==> flow/design.v <==
module reg_bank_n #(
    parameter integer NREGS = 12,
    parameter integer WD = 10,
    parameter integer AW = $clog2(NREGS)
) (
    input wire clk,
    input wire rst_ni,
    input wire en,
    input wire write_in,
    input wire [AW-1:0] wr_addr_in,
    input wire [WD-1:0] wr_data_in,
    input wire [AW-1:0] raddr1_in,
    input wire [AW-1:0] raddr2_in,
    output wire [WD-1:0] dout1_out,
    output wire [WD-1:0] dout2_out
);
    reg write_reg;
    always @(posedge clk) begin
        if (!rst_ni) begin
            write_reg <= 1'b0;
        end else if (en) begin
            write_reg <= write_in;
        end
    end
    reg [AW-1:0] wr_addr_reg;
    always @(posedge clk) begin
        if (!rst_ni) begin
            wr_addr_reg <= 0;
        end else if (en) begin
            wr_addr_reg <= wr_addr_in;
        end
    end
    reg [WD-1:0] wr_data_reg;
    always @(posedge clk) begin
        if (!rst_ni) begin
            wr_data_reg <= 0;
        end else if (en) begin
            wr_data_reg <= wr_data_in;
        end
    end
    reg [WD-1:0] gpr [NREGS-1:0];
    always @(posedge clk) begin
        if (en && write_reg)
            gpr[wr_addr_reg] <= wr_data_reg;
    end
    reg [AW-1:0] raddr1_reg;
    always @(posedge clk) begin
        if (!rst_ni) begin
            raddr1_reg <= 0;
        end else if (en) begin
            raddr1_reg <= raddr1_in;
        end
    end
    reg [AW-1:0] raddr2_reg;
    always @(posedge clk) begin
        if (!rst_ni) begin
            raddr2_reg <= 0;
        end else if (en) begin
            raddr2_reg <= raddr2_in;
        end
    end
    assign dout1_out = (write_reg && wr_addr_reg == raddr1_reg) ? wr_data_reg : gpr[raddr1_reg];
    assign dout2_out = (write_reg && wr_addr_reg == raddr2_reg) ? wr_data_reg : gpr[raddr2_reg];
endmodule
== From RTL to reports: reg_bank_n ==
What the tools print for reg_bank_n, step after step.
Line numbers count from 1 in the design file above.
Operators carry their Yosys type and port widths (W data, S select, Z words).
Library cell names are shortened.
A cell with - has no value.

* Top: reg_bank_n
* Clock: clk
* Cell library: sky130hd
* Timing corner: tt_025C_1v80

== After elaboration ==
Counts by Yosys on the flattened word-level netlist (proc, flatten, opt, wreduce; memories kept). Print and check cells are left out. Cells with the same type and inputs are merged into one.
Yosys's memory passes give these memory sizes; they may raise the number of words (mostly to a power of two), join words into wider ones and drop unused or constant bits.

* Register bits after elaboration: 23
* RAM bits: 120
* Word width x clocked read ports: 20
* Memories: 1
* Input port bits: 26
* Output and inout port bits: 20
* Word-level cells: 20

* Equal/unequal tests: 2
* Muxes and demuxes: 9
* Reductions and logical operators: 3

{| class="wikitable"
|+ Memories
! name !! words !! width !! read ports !! write ports !! line !! text
|-
| gpr || 12 || 10 || 2 || 1 || 41 || <nowiki>reg [WD-1:0] gpr [NREGS-1:0];</nowiki>
|}

{| class="wikitable"
|+ Operator list
! operator !! count
|-
| $mux W10 || 3
|-
| $mux W4 || 5
|-
| $eq A4 B4 Y1 || 2
|-
| $logic_and A1 B1 Y1 || 3
|-
| $mux W1 || 1
|}

== Logic depth ==
Depth = most cells in a row (Yosys ltp): at word level without a register or memory, in the mapped netlist without a sequential cell, where the memories' decode and read muxes count.

* Depth after elaboration: 3
* ABC_AREA: 0
* Depth in mapped cells: 6
* Gate-level depth less buffers: 4

== Netlist ==
The flow's flattened synthesis, as Yosys stat reports it; memories are mapped. The netlist is that of the ABC_AREA named above (0 if unset); the other value can give another one.
Totals and module areas in this step are rounded.

* Cell count: 457
* Mapped area: 7,020 um^2
* Mapped flip-flops: 151
* Buffers: 32

{| class="wikitable"
|+ Cell types
! cell !! count
|-
| edfxtp_1 || 120
|-
| mux4_2 || 42
|-
| dfxtp_1 || 31
|-
| mux2i_1 || 50
|-
| mux2_2 || 19
|-
| nor2b_1 || 25
|-
| nand2_1 || 30
|-
| nand3b_1 || 14
|-
| o211ai_1 || 13
|-
| nand3_1 || 14
|-
| buf_2 || 12
|-
| nor4_1 || 9
|-
| a22oi_1 || 7
|-
| a31oi_1 || 8
|-
| clkbuf_1 || 13
|-
| nor2_1 || 13
|-
| nand2b_1 || 6
|-
| o221ai_1 || 4
|}

Other cell types: 16; their cells: 27.

== Timing after synthesis ==
OpenSTA on the mapped netlist: ideal clock, no wires. The path of least setup slack (recovery checks aside). Input and output delay are each 20% of the period. Register names are those of the netlist, which keeps one name where synthesis merged equal registers.

* Path kind: input-to-reg
* Start point: in en
* End point: mem gpr[8][0]
* Clock period: 3,130 ps
* Input delay: 626 ps
* Arrival time: 2,238 ps
* Slack: 502 ps
* Delay of the path: 2,002 ps
* Driving pins on the path: 6
* Buffers on the path: 2
* Period reached after synthesis: 2,628 ps

"delay of the path" is the arrival time less input delay plus setup time.
"driving pins on the path": output pins that drive a net of the path, with the launching flip-flop's if there is one; two outputs of one cell count as two.
"period reached after synthesis" = period - worst setup slack (recovery checks aside). The figure is calculated, with input and output delays left at 20% of the set period.
The rows between start and end are the longest chain of elaborated cells between them; the timing report does not say that the signal goes this way. Where chains are equally long, one stands for them.
A line is the first line of the expression or statement that the cell stems from. Yosys adds cells for indexed reads and writes and turns some case tables into memories.
The path ends at the enable pin of a flip-flop; only ways to that pin are counted.

* Cell sequence: clkbuf_1 buf_2 nand2_1 nor2_1 nand2_1 nor3_1
* Cells in the longest elaborated chain: 2

{| class="wikitable"
|+ Ends and longest elaborated chain, post-synthesis
! item !! line !! text
|-
| start, declared || 8 || <nowiki>input wire en,</nowiki>
|-
| $logic_and A1 B1 Y1 || 43 || <nowiki>if (en && write_reg)</nowiki>
|-
| $mux W4 || 43 ||
|-
| end, declared || 41 || <nowiki>reg [WD-1:0] gpr [NREGS-1:0];</nowiki>
|}

== Worst path after layout ==
From the final timing report of entry A: the path of least setup slack in the routed layout; clock arrival at registers is part of the times.
The path's times are printed in steps of 10 ps; the period is the one set.

* Path kind: reg-to-output
* Start point: reg (no name shown)
* End point: out dout2_out[1]
* Clock period: 3,130 ps
* External output delay: 630 ps
* Arrival time: 2,480 ps
* Slack: 20 ps
* Driving pins on the path: 9
* Buffers on the path: 4

* Cell sequence: dfxtp_4 buf_8 buf_12 buf_16 mux4_2 a22oi_1 nand2_1 mux2_2 dlygate4sd2_1

{| class="wikitable"
|+ Ends and longest elaborated chain, after layout
! item !! line !! text
|-
| end, declared || 15 || <nowiki>output wire [WD-1:0] dout2_out</nowiki>
|}

No chain of elaborated cells between the ends is given.

Data sheet: physical implementation of reg_bank_n

Below are 3 stored runs of the flow (Yosys, OpenROAD; platform sky130hd) on reg_bank_n, each with its settings and what was measured, unordered. Constraints: input delay and output delay 20% of the set period each, output load 0.01 pF.
By "achieved period" is meant the clock period of the run minus its worst setup slack. This is arithmetic on one report: input and output delays are still those of the set period (20% each).
"critical path time" = time allowed to the worst setup path (clock period - input delay - output delay, where it has them) - its slack; a late launch clock adds to it, a late capture clock takes from it.
"critical path time" is given in steps of 10 ps.
Values from the reports are rounded here.

=== Entry A ===
{| class="wikitable"
! Setting !! Value
|-
| period_ns || 3.13
|-
| CAP_MARGIN || 20
|-
| CORE_MARGIN || 2
|-
| CORE_UTILIZATION || 40
|-
| SLEW_MARGIN || 20
|-
! Result !! Value
|-
| Area of the die || 18,600 um^2
|-
| Critical path time || 2,480 ps
|-
| Kind of the worst setup path || reg-to-output
|-
| Final design utilization || 50.9%
|-
| Achieved period || 3,105 ps
|-
| Standard-cell area after layout || 8,770 um^2
|-
| Chip area after synthesis (Yosys) || 7,020 um^2
|-
| Worst hold slack in the final report || 563 ps
|-
| Setup slack of the critical path || 25 ps
|}

=== Entry B ===
{| class="wikitable"
! Setting !! Value
|-
| period_ns || 3.18
|-
| CORE_UTILIZATION || 38
|-
| SETUP_SLACK_MARGIN || -0.26
|-
| PLACE_DENSITY || 0.49
|-
| HOLD_SLACK_MARGIN || 0.16
|-
| CORE_ASPECT_RATIO || 0.75
|-
| CORE_MARGIN || 9
|-
| ABC_AREA || 0
|-
| GPL_TIMING_DRIVEN || 1
|-
| CTS_CLUSTER_DIAMETER || 269
|-
| CAP_MARGIN || 20
|-
| SLEW_MARGIN || 20
|-
! Result !! Value
|-
| Area of the die || 23,700 um^2
|-
| Critical path time || 2,690 ps
|-
| Kind of the worst setup path || reg-to-output
|-
| Final design utilization || 48.3%
|-
| Achieved period || 3,326 ps
|-
| Standard-cell area after layout || 8,630 um^2
|-
| Chip area after synthesis (Yosys) || 7,020 um^2
|-
| Worst hold slack in the final report || 562 ps
|-
| Setup slack of the critical path || -146 ps
|}

=== Entry C ===
{| class="wikitable"
! Setting !! Value
|-
| period_ns || 3.85
|-
| CORE_UTILIZATION || 47
|-
| SETUP_SLACK_MARGIN || 0.82
|-
| PLACE_DENSITY_LB_ADDON || 0.12
|-
| CORE_MARGIN || 5
|-
| CELL_PAD_IN_SITES_DETAIL_PLACEMENT || 2
|-
| GPL_ROUTABILITY_DRIVEN || 0
|-
| SLEW_MARGIN || 5
|-
| MIN_ROUTING_LAYER || met1
|-
| CAP_MARGIN || 20
|-
! Result !! Value
|-
| Area of the die || 17,500 um^2
|-
| Critical path time || 2,490 ps
|-
| Kind of the worst setup path || reg-to-output
|-
| Final design utilization || 62.6%
|-
| Achieved period || 3,260 ps
|-
| Standard-cell area after layout || 9,140 um^2
|-
| Chip area after synthesis (Yosys) || 7,020 um^2
|-
| Worst hold slack in the final report || 543 ps
|-
| Setup slack of the critical path || 590 ps
|}
